==> flow/design.v <==
module dp_aligner_p #(
    parameter WIDTH = 64,
    parameter LOGN = $clog2(WIDTH)
) (
    input  clk,
    input  rst_i,
    input  en,
    input  [WIDTH-1:0] ch,
    input  [LOGN-1:0] dist_in,
    input  [1:0] op,
    output [WIDTH-1:0] q
);
    reg [WIDTH-1:0] ch_reg;
    always @(posedge clk or posedge rst_i) begin
        if (rst_i) begin
            ch_reg <= 0;
        end else if (en) begin
            ch_reg <= ch;
        end
    end
    reg [LOGN-1:0] dist_in_reg;
    always @(posedge clk or posedge rst_i) begin
        if (rst_i) begin
            dist_in_reg <= 0;
        end else if (en) begin
            dist_in_reg <= dist_in;
        end
    end
    reg [1:0] op_reg;
    always @(posedge clk or posedge rst_i) begin
        if (rst_i) begin
            op_reg <= 0;
        end else if (en) begin
            op_reg <= op;
        end
    end
    reg [WIDTH-1:0] cur;
    always @* begin
        case (op_reg)
            2'b00: cur = ch_reg << dist_in_reg;
            2'b01: cur = ch_reg >> dist_in_reg;
            2'b10: cur = $signed(ch_reg) >>> dist_in_reg;
            default: cur = ch_reg;
        endcase
    end
    assign q = cur;
endmodule
Reports on dp_aligner_p --
The steps from the RTL of dp_aligner_p to its reports follow in flow order. Lines are those of the file above, counted from 1. Library cell names are shortened. A cell with n/a has no value.
Design: design top dp_aligner_p, clock input clk, standard-cell library sky130hd, corner tt_025C_1v80

Word level --
Yosys after proc, flatten, opt, wreduce and memory -nomap, before mapping. Enables and synchronous resets that opt folds into registers are not counted as muxes. Memory bits, and registers merged into a memory's read port (data or address), are not among the register bits. Print and check cells are not counted. Equal cells are merged and count once.
Operators by class: shift operators 3, reductions and logical operators 1, equality and inequality tests 2, multiplexer cells 1
Operator list (count):
- parallel mux 64 bit (select 3 bit) | 1
- left shift 64 x 6 -> 64 bit | 1
- >> shifter 64 x 6 -> 64 bit | 1
- >>> shifter 64 x 6 -> 64 bit | 1
- == test 2 x 1 -> 1 bit with constant B | 1
- == test 2 bit with constant B | 1
- logical NOT 2 bit | 1
Storage and ports: input bits 75, flip-flop bits (word level) 72, output and inout port bits 64, cells after elaboration 10

Depth --
Yosys ltp: most cells in a row. Word level: on the elaborated netlist, between registers, memories and ports. Mapped: between sequential cells and ports; inverters and the memories' decode and read muxes count.
Depth: word-level depth 2, ABC_AREA 0, mapped depth 12, depth with buffers taken out 6

Synthesis result --
Yosys stat after the flow's synthesis: flattened, memories mapped to cells. It holds for the ABC_AREA given above (unset counts as 0); a run with the other value may have another netlist.
Cells by type:
- mux4_2 | count 134, total area 3.02E+03 um^2
- dfrtp_1 | count 72, total area 1.8E+03 um^2
- mux2_2 | count 133, total area 1.5E+03 um^2
- mux2i_1 | count 126, total area 1261.21 um^2
- nor2_1 | count 131, total area 491.722 um^2
- nand2_1 | count 122, total area 457.939 um^2
- clkbuf_1 | count 101, total area 379.114 um^2
- o21ai_0 | count 67, total area 335.322 um^2
- a21oi_1 | count 65, total area 325.312 um^2
- o211ai_1 | count 23, total area 172.666 um^2
- buf_2 | count 31, total area 155.149 um^2
- a211oi_1 | count 20, total area 150.144 um^2
- a31oi_1 | count 22, total area 137.632 um^2
- o221ai_1 | count 15, total area 131.376 um^2
- o22ai_1 | count 21, total area 131.376 um^2
- nand3_1 | count 25, total area 125.12 um^2
- o22a_1 | count 13, total area 113.859 um^2
- a221oi_1 | count 12, total area 105.101 um^2
Not listed: further types 55, cells in them 244.
Synthesis totals: chip area (Yosys) 12699.7 um^2, sequential area 1801.7 um^2, cell count 1377, buffers 178, mapped flip-flops 72

Worst setup path after synthesis --
Source: OpenSTA report_checks on the synthesized netlist (no wires, ideal clock, input and output delay 20% of the period each), path of least setup slack; recovery checks are left aside. Register names are those of the netlist, which keeps one name where synthesis merged equal registers.
Path post-synthesis: kind register -> output, start reg dist_in_reg[1], end out q[56], path slack 577 ps, external output delay 720 ps, path delay 2303 ps, arrival time 2303 ps, required time 2880 ps, stages 10, buffers on the path 3, time at the first pin 0 ps, clock period 3600 ps, period reached after synthesis 3023 ps
"path delay" is the arrival time less input delay plus setup time. A path that ends at an output port has no setup time. "stages": output pins that drive a net of the path, with the launching flip-flop's if there is one; two outputs of one cell count as two. "period reached after synthesis" is the clock period less the worst setup slack; recovery checks do not enter. This is arithmetic on one report: input and output delays are still those of the set period (20% each). The rows between start and end are the longest chain of elaborated cells between them; the timing report does not say that the signal goes this way. Where chains are equally long, one stands for them. Each line given opens the expression or statement behind the cell; cells for indexed reads and writes are added by Yosys, which also makes memories of some case tables.
On the way, post-synthesis: path through dfrtp_1 -> buf_6 -> buf_8 -> buf_6 -> or4b_4 -> nand2_1 -> o21ai_0 -> mux2_2 -> o221a_2 -> o21ai_0, length of the longest elaborated chain 2, elaborated cells on any way between the ends 4, source lines of those cells 4, classes of those cells 3 x shift; 1 x mux
Ends and longest elaborated chain, post-synthesis:
- start: declaration | line 21 | reg [LOGN-1:0] dist_in_reg;
- start: assignment | line 24 | dist_in_reg <= 0;
- start: assignment | line 26 | dist_in_reg <= dist_in;
- >>> shifter 64 x 6 -> 64 bit | line 42 | 2'b10: cur = $signed(ch_reg) >>> dist_in_reg;
- parallel mux 64 bit (select 3 bit) | line 39 | case (op_reg)
- end: declaration | line 11 | output [WIDTH-1:0] q

Timing after layout --
Path of least setup slack in the final report of flow run 1 (OpenROAD, finished layout, wires in). Where an end is a register, its clock arrival counts in the times. The report prints the path's times to 10 ps; the period is as set.
Path after layout: kind register -> output, start reg dist_in_reg[1], end out q[48], stages 13, external output delay 880 ps, time at the first pin 390 ps, arrival time 3560 ps, path slack -30 ps, clock period 4410 ps, required time 3530 ps, buffers on the path 6
The rows between start and end are the longest chain of elaborated cells between them; the timing report does not say that the signal goes this way. Where chains are equally long, one stands for them.
On the way, after layout: path through dfrtp_4 -> buf_12 -> clkbuf_16 -> buf_12 -> mux4_2 -> buf_4 -> mux2i_4 -> buf_4 -> mux2_2 -> o21ai_0 -> a211oi_1 -> o22ai_1 -> dlygate4sd2_1, length of the longest elaborated chain 2, elaborated cells on any way between the ends 4, source lines of those cells 4, classes of those cells 3 x shift; 1 x mux
Ends and longest elaborated chain, after layout:
- start: declaration | line 21 | reg [LOGN-1:0] dist_in_reg;
- start: assignment | line 24 | dist_in_reg <= 0;
- start: assignment | line 26 | dist_in_reg <= dist_in;
- >>> shifter 64 x 6 -> 64 bit | line 42 | 2'b10: cur = $signed(ch_reg) >>> dist_in_reg;
- parallel mux 64 bit (select 3 bit) | line 39 | case (op_reg)
- end: declaration | line 11 | output [WIDTH-1:0] q

Hand-over note for dp_aligner_p

Stored flow runs of dp_aligner_p (3 of them; Yosys, OpenROAD, sky130hd). They differ in their settings and are not a sequence. Constraints: input delay and output delay 20% of the set period each, output load 0.01 pF.
By "period achieved" is meant the clock period of the run minus its worst setup slack. This is arithmetic on one report: input and output delays are still those of the set period (20% each).
"allowed time less slack (worst setup path)" means the part of the period allowed to the worst setup path (the constraints hold back 20% at inputs and 20% at outputs) less its slack; where the path has registers, the arrival times of their clocks count too.
"overall power" rests on the timing tool's default activity at the inputs, not on a simulated workload.
"allowed time less slack (worst setup path)" is known to 10 ps.

[flow run 1] flow files
==> flow/run.sh <==
#!/bin/bash
# the make line also repeats the synthesis and layout settings of config.mk as NAME=value (left out here)
make -C /OpenROAD-flow-scripts/flow DESIGN_CONFIG=/design/flow/config.mk WORK_HOME=/design/flow/orfs CLKGATE_MAP_FILE= finish
==> flow/config.mk <==
export PLATFORM = sky130hd
export DESIGN_NAME = dp_aligner_p
export DESIGN_NICKNAME = dp_aligner_p
export VERILOG_FILES = /design/flow/design.v
export SDC_FILE = /design/flow/constraint.sdc
export NUM_CORES = 4
export LEC_CHECK = 0
export ABC_AREA = 0
export CAP_MARGIN = 25
export CORE_MARGIN = 3
export CORE_UTILIZATION = 21
export CTS_CLUSTER_SIZE = 84
export MIN_ROUTING_LAYER = met2
export SLEW_MARGIN = 0
export TNS_END_PERCENT = 70
==> flow/constraint.sdc <==
create_clock -name core_clock -period 4.41 [get_ports {clk}]
set_input_delay 0.8820 -clock core_clock [delete_from_list [all_inputs] [get_ports {clk}]]
set_output_delay 0.8820 -clock core_clock [all_outputs]
set_load 0.01 [all_outputs]

[flow run 1] result: period achieved 4442 ps; post-layout utilization 0.305; die size 63461.2 um^2; setup slack of the worst path -32 ps; allowed time less slack (worst setup path) 3560 ps; type of the worst setup path register -> output; mapped cell area after synthesis 12699.7 um^2; total negative setup slack -40 ps; final worst hold slack 575 ps; standard-cell area after layout 18118.6 um^2; overall power 6.728 mW

[flow run 2] flow files
==> flow/run.sh <==
#!/bin/bash
# the make line also repeats the synthesis and layout settings of config.mk as NAME=value (left out here)
make -C /OpenROAD-flow-scripts/flow DESIGN_CONFIG=/design/flow/config.mk WORK_HOME=/design/flow/orfs CLKGATE_MAP_FILE= finish
==> flow/config.mk <==
export PLATFORM = sky130hd
export DESIGN_NAME = dp_aligner_p
export DESIGN_NICKNAME = dp_aligner_p
export VERILOG_FILES = /design/flow/design.v
export SDC_FILE = /design/flow/constraint.sdc
export NUM_CORES = 4
export LEC_CHECK = 0
export CAP_MARGIN = 20
export CELL_PAD_IN_SITES_DETAIL_PLACEMENT = 1
export CORE_ASPECT_RATIO = 0.54
export CORE_MARGIN = 3
export CORE_UTILIZATION = 60
export CTS_CLUSTER_SIZE = 61
export GPL_ROUTABILITY_DRIVEN = 1
export MAX_ROUTING_LAYER = met4
export MIN_ROUTING_LAYER = met1
export PLACE_DENSITY = 0.38
export SETUP_SLACK_MARGIN = -0.01
export SLEW_MARGIN = 25
export TNS_END_PERCENT = 35
==> flow/constraint.sdc <==
create_clock -name core_clock -period 3.22 [get_ports {clk}]
set_input_delay 0.6440 -clock core_clock [delete_from_list [all_inputs] [get_ports {clk}]]
set_output_delay 0.6440 -clock core_clock [all_outputs]
set_load 0.01 [all_outputs]

[flow run 2] result: did not finish, placement stopped with DPL-0033

[flow run 3] flow files
==> flow/run.sh <==
#!/bin/bash
# the make line also repeats the synthesis and layout settings of config.mk as NAME=value (left out here)
make -C /OpenROAD-flow-scripts/flow DESIGN_CONFIG=/design/flow/config.mk WORK_HOME=/design/flow/orfs CLKGATE_MAP_FILE= finish
==> flow/config.mk <==
export PLATFORM = sky130hd
export DESIGN_NAME = dp_aligner_p
export DESIGN_NICKNAME = dp_aligner_p
export VERILOG_FILES = /design/flow/design.v
export SDC_FILE = /design/flow/constraint.sdc
export NUM_CORES = 4
export LEC_CHECK = 0
export CAP_MARGIN = 20
export CORE_MARGIN = 2
export CORE_UTILIZATION = 40
export SLEW_MARGIN = 20
==> flow/constraint.sdc <==
create_clock -name core_clock -period 3.6 [get_ports {clk}]
set_input_delay 0.7200 -clock core_clock [delete_from_list [all_inputs] [get_ports {clk}]]
set_output_delay 0.7200 -clock core_clock [all_outputs]
set_load 0.01 [all_outputs]

[flow run 3] result: period achieved 3912 ps; post-layout utilization 0.663; die size 33191.4 um^2; setup slack of the worst path -312 ps; allowed time less slack (worst setup path) 3190 ps; type of the worst setup path register -> output; mapped cell area after synthesis 12699.7 um^2; total negative setup slack -10083 ps; final worst hold slack 604 ps; standard-cell area after layout 20801.2 um^2; overall power 8.775 mW

End of note.
